==> flow/design.v <==
module u_registers_top #(
    parameter DEPTH = 4,
    parameter DW = 40,
    parameter AW = $clog2(DEPTH),
    parameter SLICES = DW / 8
) (
    input wire clk,
    input wire clk_en,
    input wire [SLICES-1:0] in_mask,
    input wire [AW-1:0] in_wr_addr,
    input wire [DW-1:0] in_d,
    input wire [AW-1:0] in_raddr,
    output reg [DW-1:0] out_rdata
);
    reg [SLICES-1:0] mask_s;
    reg [AW-1:0] wr_addr_s;
    reg [DW-1:0] d_s;
    reg [DW-1:0] gpr [0:DEPTH-1];
    integer n;
    always @(posedge clk) begin
        for (n = 0; n < SLICES; n = n + 1)
            if (clk_en && mask_s[n]) gpr[wr_addr_s][8*n +: 8] <= d_s[8*n +: 8];
    end
    reg [AW-1:0] raddr_s;
    always @(posedge clk) begin
        if (clk_en) begin
            mask_s <= in_mask;
            wr_addr_s <= in_wr_addr;
            d_s <= in_d;
            raddr_s <= in_raddr;
            out_rdata <= gpr[raddr_s];
        end
    end
endmodule
* From RTL to reports: u_registers_top
Tool output for the design above, in the order of the flow.
Lines are those of the file above, counted from 1.
Library cell names are shortened.
The mark n/a stands for no value.
- Design top :: u_registers_top
- Clock port :: clk
- Standard-cell library :: sky130hd
- Corner :: tt_025C_1v80

* Word level
Counts by Yosys on the flattened word-level netlist (proc, flatten, opt, wreduce; memories kept). Register bits leave out memories and registers merged into their read ports (data or address). Print and check cells are left out. Cells with the same type and inputs are merged into one.
Memory sizes are those after Yosys's memory passes, which may raise the word count (mostly to a power of two), join words into wider ones and drop unused or constant bits.
- Register bits after elaboration :: 49
- Bits in writable memories :: 160
- Word width x clocked read ports :: 40
- Memory cells :: 1
- Input port bits :: 51
- Output and inout bits :: 40
- Word-level cells :: 20
- Mux-type cells :: 10
- Reduce/logical cells :: 5
** Memories
- gpr :: words 4, width 40, rd ports 1, write ports 1, RTL line 18 : reg [DW-1:0] gpr [0:DEPTH-1];
** Operators with widths (count)
- 40-bit 2-to-1 mux :: 5
- 1-bit logical AND :: 5
- 1-bit 2-to-1 mux :: 5

* Longest topological paths
Depth = most cells in a row (Yosys ltp): at word level without a register or memory, in the mapped netlist without a sequential cell, where the memories' decode and read muxes count.
- Depth after elaboration :: 2
- ABC_AREA :: 0
- Gate-level depth with buffers :: 3
- Depth with buffers taken out :: 1

* Netlist
Source: synth_stat.txt of the flow (Yosys; design flattened, memories mapped). It holds for the ABC_AREA given above (unset counts as 0); a run with the other value may have another netlist.
** Cells by type
- edfxtp_1 :: count 249, total area 7.48E+03 sq um
- mux4_2 :: count 40, total area 900.864 sq um
- and4b_1 :: count 10, total area 100.096 sq um
- buf_12 :: count 4, total area 80.077 sq um
- nor4bb_1 :: count 5, total area 50.048 sq um
- and4_1 :: count 5, total area 43.792 sq um
- clkbuf_1 :: count 6, total area 22.522 sq um
- buf_2 :: count 4, total area 20.019 sq um
- buf_6 :: count 1, total area 11.261 sq um
- Standard cells after synthesis :: 324
- Synthesis area :: 0.0087058 sq mm
- Sequential part of the area :: 0.0074772 sq mm
- Mapped flip-flops :: 249
- Buffer cells :: 15

* Path before layout
OpenSTA on the mapped netlist: ideal clock, no wires. The path of least setup slack (recovery checks aside). Input and output delay are each 20% of the period. Register names are those of the netlist, which keeps one name where synthesis merged equal registers.
- Path kind :: in2reg
- Start point :: input clk_en
- End point :: memory gpr[0][0]
- Clock period :: 2390 ps
- External input delay :: 478 ps
- Setup time :: 395 ps
- Time at the first pin :: 478 ps
- Data arrival time :: 1612 ps
- Data required time :: 1995 ps
- Slack :: 383 ps
- Delay of the path :: 1529 ps
- Driving pins on the path :: 2
- Buffers on the path :: 1
- Synthesis period reached :: 2007 ps
"delay of the path" = arrival - input delay + setup time.
"driving pins on the path" counts driving pins, that of a launching flip-flop among them; a cell with two outputs on the path counts twice.
"synthesis period reached" is the clock period less the worst setup slack; recovery checks do not enter. This is arithmetic on one report: input and output delays are still those of the set period (20% each).
- Cell sequence :: clkbuf_1 -> nor4bb_1
** RTL lines, path after synthesis
- from (decl) :: RTL line 8 : input wire clk_en,
- to (decl) :: RTL line 18 : reg [DW-1:0] gpr [0:DEPTH-1];
Chain of elaborated cells between the ends: none given.

* Path in the finished layout
Path of least setup slack in the final report of job 1 (OpenROAD, finished layout, wires in). Where an end is a register, its clock arrival counts in the times.
The report prints the path's times to 10 ps; the period is as set.
- Path kind :: reg2reg
- Start point :: register wr_addr_s[0]
- End point :: memory gpr[0][13]
- Clock period :: 1330 ps
- Setup time :: 280 ps
- Time at the first pin :: 500 ps
- Data arrival time :: 1770 ps
- Data required time :: 1540 ps
- Slack :: -240 ps
- Driving pins on the path :: 4
- Buffers on the path :: 2
- Cell sequence :: edfxtp_1 -> clkbuf_16 -> nor4bb_4 -> buf_12
- Cells in the longest elaborated chain :: 0
- Elaborated cells on any way between the ends :: 0
- RTL lines with such cells :: 0
** RTL lines, path post-layout
- from (decl) :: RTL line 16 : reg [AW-1:0] wr_addr_s;
- from (assign) :: RTL line 28 : wr_addr_s <= in_wr_addr;
- to (decl) :: RTL line 18 : reg [DW-1:0] gpr [0:DEPTH-1];

Below are 3 stored runs of the flow (Yosys, OpenROAD; platform sky130hd) on u_registers_top, each with its settings and what was measured, unordered. Constraints: input delay and output delay 20% of the set period each, output load 0.01 pF.
"worst setup path time" is the time allowed to the run's worst setup path (the clock period less input and output delay, where it has them) less its slack. Clock arrival times count: a late capture clock shortens it, a late launch clock lengthens it.
"worst setup path time" is known to 10 ps.

** Job 1
- Settings :: period_ns=1.33; CORE_UTILIZATION=56; PLACE_DENSITY_LB_ADDON=0.22; CELL_PAD_IN_SITES_DETAIL_PLACEMENT=1; ABC_AREA=0; GPL_TIMING_DRIVEN=0; GPL_ROUTABILITY_DRIVEN=0; CAP_MARGIN=35; SLEW_MARGIN=10; MIN_ROUTING_LAYER=met1; CORE_MARGIN=2
- Setup slack of the critical path :: -236 ps
- Std-cell area (final layout) :: 0.0109267 sq mm
- Synthesized cell area :: 0.0087058 sq mm
- Die footprint :: 0.0165598 sq mm
- Worst setup path time :: 1570 ps
- Class of the worst setup path :: reg2reg

** Job 2
- Settings :: period_ns=2.39; CAP_MARGIN=20; CORE_MARGIN=2; CORE_UTILIZATION=40; SLEW_MARGIN=20
- Setup slack of the critical path :: 439 ps
- Std-cell area (final layout) :: 0.010704 sq mm
- Synthesized cell area :: 0.0087058 sq mm
- Die footprint :: 0.0229613 sq mm
- Worst setup path time :: 1470 ps
- Class of the worst setup path :: reg2out

** Job 3
- Settings :: period_ns=1.48; CORE_UTILIZATION=49; PLACE_DENSITY_LB_ADDON=0.12; HOLD_SLACK_MARGIN=0.21; ABC_AREA=1; MIN_ROUTING_LAYER=met1; CAP_MARGIN=20; CORE_MARGIN=2; SLEW_MARGIN=20
- Setup slack of the critical path :: 34 ps
- Std-cell area (final layout) :: 0.0116649 sq mm
- Synthesized cell area :: 0.0095404 sq mm
- Die footprint :: 0.0206023 sq mm
- Worst setup path time :: 1150 ps
- Class of the worst setup path :: reg2out
